==> flow/design.v <==
module switch #(
    parameter int DWIDTH = 2,
    parameter int LANES = 16,
    parameter int LOGN = $clog2(LANES)
) (
    input logic ck,
    input logic clr,
    input logic valid,
    input logic [LANES*DWIDTH-1:0] val,
    input logic [LOGN-1:0] choose,
    output logic [DWIDTH-1:0] data_out
);
    logic [LANES*DWIDTH-1:0] val_d1;
    logic [LOGN-1:0] choose_d1;
    always_ff @(posedge ck or posedge clr) begin
        if (clr) begin
            val_d1 <= 0;
            choose_d1 <= 0;
        end else if (valid) begin
            val_d1 <= val;
            choose_d1 <= choose;
        end
    end
    logic [DWIDTH-1:0] cur;
    always_comb begin
        cur = 0;
        for (int n = 0; n < LANES; n++)
            if (choose_d1 == n) cur = val_d1[n*DWIDTH +: DWIDTH];
    end
    always_ff @(posedge ck or posedge clr) begin
        if (clr) begin
            data_out <= 0;
        end else if (valid) begin
            data_out <= cur;
        end
    end
endmodule
# From RTL to reports: switch
# What the tools print for switch, step after step.
# Line numbers count from 1 in the design file above.
# Operators carry their Yosys type and port widths (W data, S select, Z words).
# Cell names lack the library's common part.
# The mark -- stands for no value.
[inputs]
design = "switch"
clock = "ck"
library = "sky130hd"
lib_corner = "tt_025C_1v80"

# Elaborated design
# Source: Yosys, flattened and elaborated, memories not mapped. Widths are those after wreduce; folded enables and synchronous resets count as part of the registers. Registers that Yosys merges into a memory's read port (data or address) are not register bits. Print and check cells do not count. Equal cells are merged and count once.
[bits]
regBits = 38
clocked_rd_ports_x_width = 0
romBits = 0
ramBits = 0
wordCells = 35
latchBits = 0
mem_count = 0
[op_classes]
mux = 16
n_reduce_logical = 1
cmp = 0
n_logic = 0
shifts = 0
div_mod_pow = 0
add_sub_neg = 0
multipliers = 0
n_eq = 15
[ops]
columns = ["cell", "count"]
rows = [
  ["$eq A4 B4 Y1 const B", 8],
  ["$mux W2", 16],
  ["$eq A4 B3 Y1 const B", 4],
  ["$eq A4 B2 Y1 const B", 2],
  ["$eq A4 B1 Y1 const B", 1],
  ["$logic_not A4 Y1", 1],
]

# Longest topological paths
# Longest topological path by Yosys (ltp), each cell counted once; first at word level (registers and memories cut), then after technology mapping (sequential cells cut; the memories' decode and read muxes count).
[logic_depth]
word_depth = 17
abc_area = 0
mapped_depth = 7
mapped_depth_nobuf = 5

# Mapped cells and area
# Yosys stat after the flow's synthesis: flattened, memories mapped to cells. It holds for the ABC_AREA given above (unset counts as 0); a run with the other value may have another netlist.
[synth_totals]
cell_count = 156
sequential_area_um2 = 950.9
mapped_area_um2 = 1873.0
ffs = 38
[by_type]
columns = ["cell", "count"]
rows = [
  ["dfrtp_1", 38],
  ["mux2_2", 36],
  ["nand2b_1", 5],
  ["nand2_1", 8],
  ["o21ai_0", 6],
  ["mux4_1", 1],
  ["a21oi_1", 5],
  ["a31oi_1", 4],
  ["buf_2", 5],
  ["nor3b_1", 3],
  ["mux2i_1", 2],
  ["nor2_1", 5],
  ["o22ai_1", 3],
  ["a211oi_1", 2],
  ["buf_4", 2],
  ["nand4_1", 2],
  ["buf_6", 1],
  ["clkbuf_1", 3],
]
# Other cell types: 22; their cells: 25.

# Worst setup path after synthesis
# OpenSTA on the mapped netlist: ideal clock, no wires. The path of least setup slack (recovery checks aside). Input and output delay are each 20% of the period. Register names are those of the netlist, which keeps one name where synthesis merged equal registers.
[synth_timing]
kind = "reg-to-reg"
from = "register (name not given)"
to = "register data_out[1]"
arrival_ns = 1.353
setup_time_ns = 0.082
n_path_buf = 1
slack_ns = 0.356
required_time_ns = 1.708
path_stages = 7
t_first_pin_ns = 0.000
delay_ns = 1.435
tclk_ns = 1.79
synth_period_reached_ns = 1.434
# "delay_ns" is the arrival time less input delay plus setup time.
# "path_stages" counts driving pins, that of a launching flip-flop among them; a cell with two outputs on the path counts twice.
# "synth_period_reached_ns" = period - worst setup slack (recovery checks aside). The figure is calculated, with input and output delays left at 20% of the set period.
# Between the ends stands the longest chain of elaborated cells between them, by number of cells; it is not shown to be the way that was timed. Of several equally long chains one is given.
# A line is the first line of the expression or statement that the cell stems from. Yosys adds cells for indexed reads and writes and turns some case tables into memories.
[synth_between]
cell_sequence = "dfrtp_1 > buf_6 > or3b_1 > a31oi_1 > o211a_1 > o21ai_1 > a31oi_1"
elab_chain_len = 17
cells_between = 32
lines_between = 1
cone_classes = "eq/ne (15); mux (16); reduce/logical (1)"
[synth_lines]
columns = ["item", "line", "text"]
rows = [
  ["from (decl)", 14, ""],
  ["from (assign)", 18, ""],
  ["from (assign)", 21, ""],
  ["$logic_not A4 Y1", 28, ""],
  ["$mux W2 x16", 28, ""],
  ["to (assign)", 32, "data_out <= 0;"],
  ["to (assign)", 34, "data_out <= cur;"],
  ["to (decl)", 11, "output logic [DWIDTH-1:0] data_out"],
]

# Path in the finished layout
# Path of least setup slack in the final report of run 1 (OpenROAD, finished layout, wires in). Where an end is a register, its clock arrival counts in the times.
[layout_timing]
kind = "reg-to-reg"
from = "register (name not given)"
to = "register data_out[0]"
path_stages = 7
n_path_buf = 2
tclk_ns = 0.916
t_first_pin_ns = 0.28
slack_ns = -0.64
required_time_ns = 1.13
setup_time_ns = 0.07
arrival_ns = 1.77
# Between the ends stands the longest chain of elaborated cells between them, by number of cells; it is not shown to be the way that was timed. Of several equally long chains one is given.
[layout_between]
cell_sequence = "dfrtp_1 > buf_12 > buf_12 > nand2b_1 > a211oi_1 > a211oi_2 > o21ai_1"
elab_chain_len = 17
cells_between = 32
lines_between = 1
cone_classes = "eq/ne (15); mux (16); reduce/logical (1)"
[layout_lines]
columns = ["item", "line", "text"]
rows = [
  ["from (decl)", 14, ""],
  ["from (assign)", 18, ""],
  ["from (assign)", 21, ""],
  ["$logic_not A4 Y1", 28, ""],
  ["$mux W2 x16", 28, ""],
  ["to (assign)", 32, "data_out <= 0;"],
  ["to (assign)", 34, "data_out <= cur;"],
  ["to (decl)", 11, "output logic [DWIDTH-1:0] data_out"],
]

# Measured results for switch: 3 stored runs of the Yosys and OpenROAD flow on sky130hd. The settings differ; the order carries no meaning. The constraints put input and output delay at 20% of the set period each and load the outputs with 0.01 pF.
# "period_less_ws_ns": clock period set for the run, less the worst setup slack. It is reckoned from that one timing run; input and output delays stay at 20% of the period that was set.
# "worst_path_allowed_less_slack_ns" = time allowed to the worst setup path (clock period - input delay - output delay, where it has them) - its slack; a late launch clock adds to it, a late capture clock takes from it.
# "totalPower_uw": no workload was simulated; the value follows from the tool's default switching activity.

[[run]]
name = "run 1"
[run.settings]
period_ns = 0.916
CORE_UTILIZATION = 30
PLACE_DENSITY_LB_ADDON = 0.05
HOLD_SLACK_MARGIN = 0.15
CELL_PAD_IN_SITES_DETAIL_PLACEMENT = 0
GPL_TIMING_DRIVEN = 1
GPL_ROUTABILITY_DRIVEN = 0
CTS_CLUSTER_SIZE = 89
CTS_CLUSTER_DIAMETER = 268
CAP_MARGIN = 30
CORE_MARGIN = 2
SLEW_MARGIN = 20
[run.results]
synthArea_um2 = 1873.0
final_die_area_um2 = 6891.5
final_cell_area_um2 = 2966.6
totalPower_uw = 4506
period_less_ws_ns = 1.561
final_setup_tns_ns = -1.790
worst_path_allowed_less_slack_ns = 1.56
critical_path_type = "reg-to-reg"
post_route_util_pct = 49.5
final_setup_ws_ns = -0.645

[[run]]
name = "run 2"
[run.settings]
period_ns = 2.52
CORE_UTILIZATION = 54
SETUP_SLACK_MARGIN = 0.15
CORE_MARGIN = 10
GPL_TIMING_DRIVEN = 1
CAP_MARGIN = 20
SLEW_MARGIN = 20
[run.results]
synthArea_um2 = 1873.0
final_die_area_um2 = 6224.4
final_cell_area_um2 = 2362.3
totalPower_uw = 1341
period_less_ws_ns = 1.859
final_setup_tns_ns = 0.000
worst_path_allowed_less_slack_ns = 1.86
critical_path_type = "reg-to-reg"
post_route_util_pct = 70.8
final_setup_ws_ns = 0.661

[[run]]
name = "run 3"
[run.settings]
period_ns = 1.79
CAP_MARGIN = 20
CORE_MARGIN = 2
CORE_UTILIZATION = 40
SLEW_MARGIN = 20
[run.results]
synthArea_um2 = 1873.0
final_die_area_um2 = 5246.1
final_cell_area_um2 = 2464.9
totalPower_uw = 2134
period_less_ws_ns = 1.638
final_setup_tns_ns = 0.000
worst_path_allowed_less_slack_ns = 1.64
critical_path_type = "reg-to-reg"
post_route_util_pct = 55.5
final_setup_ws_ns = 0.152
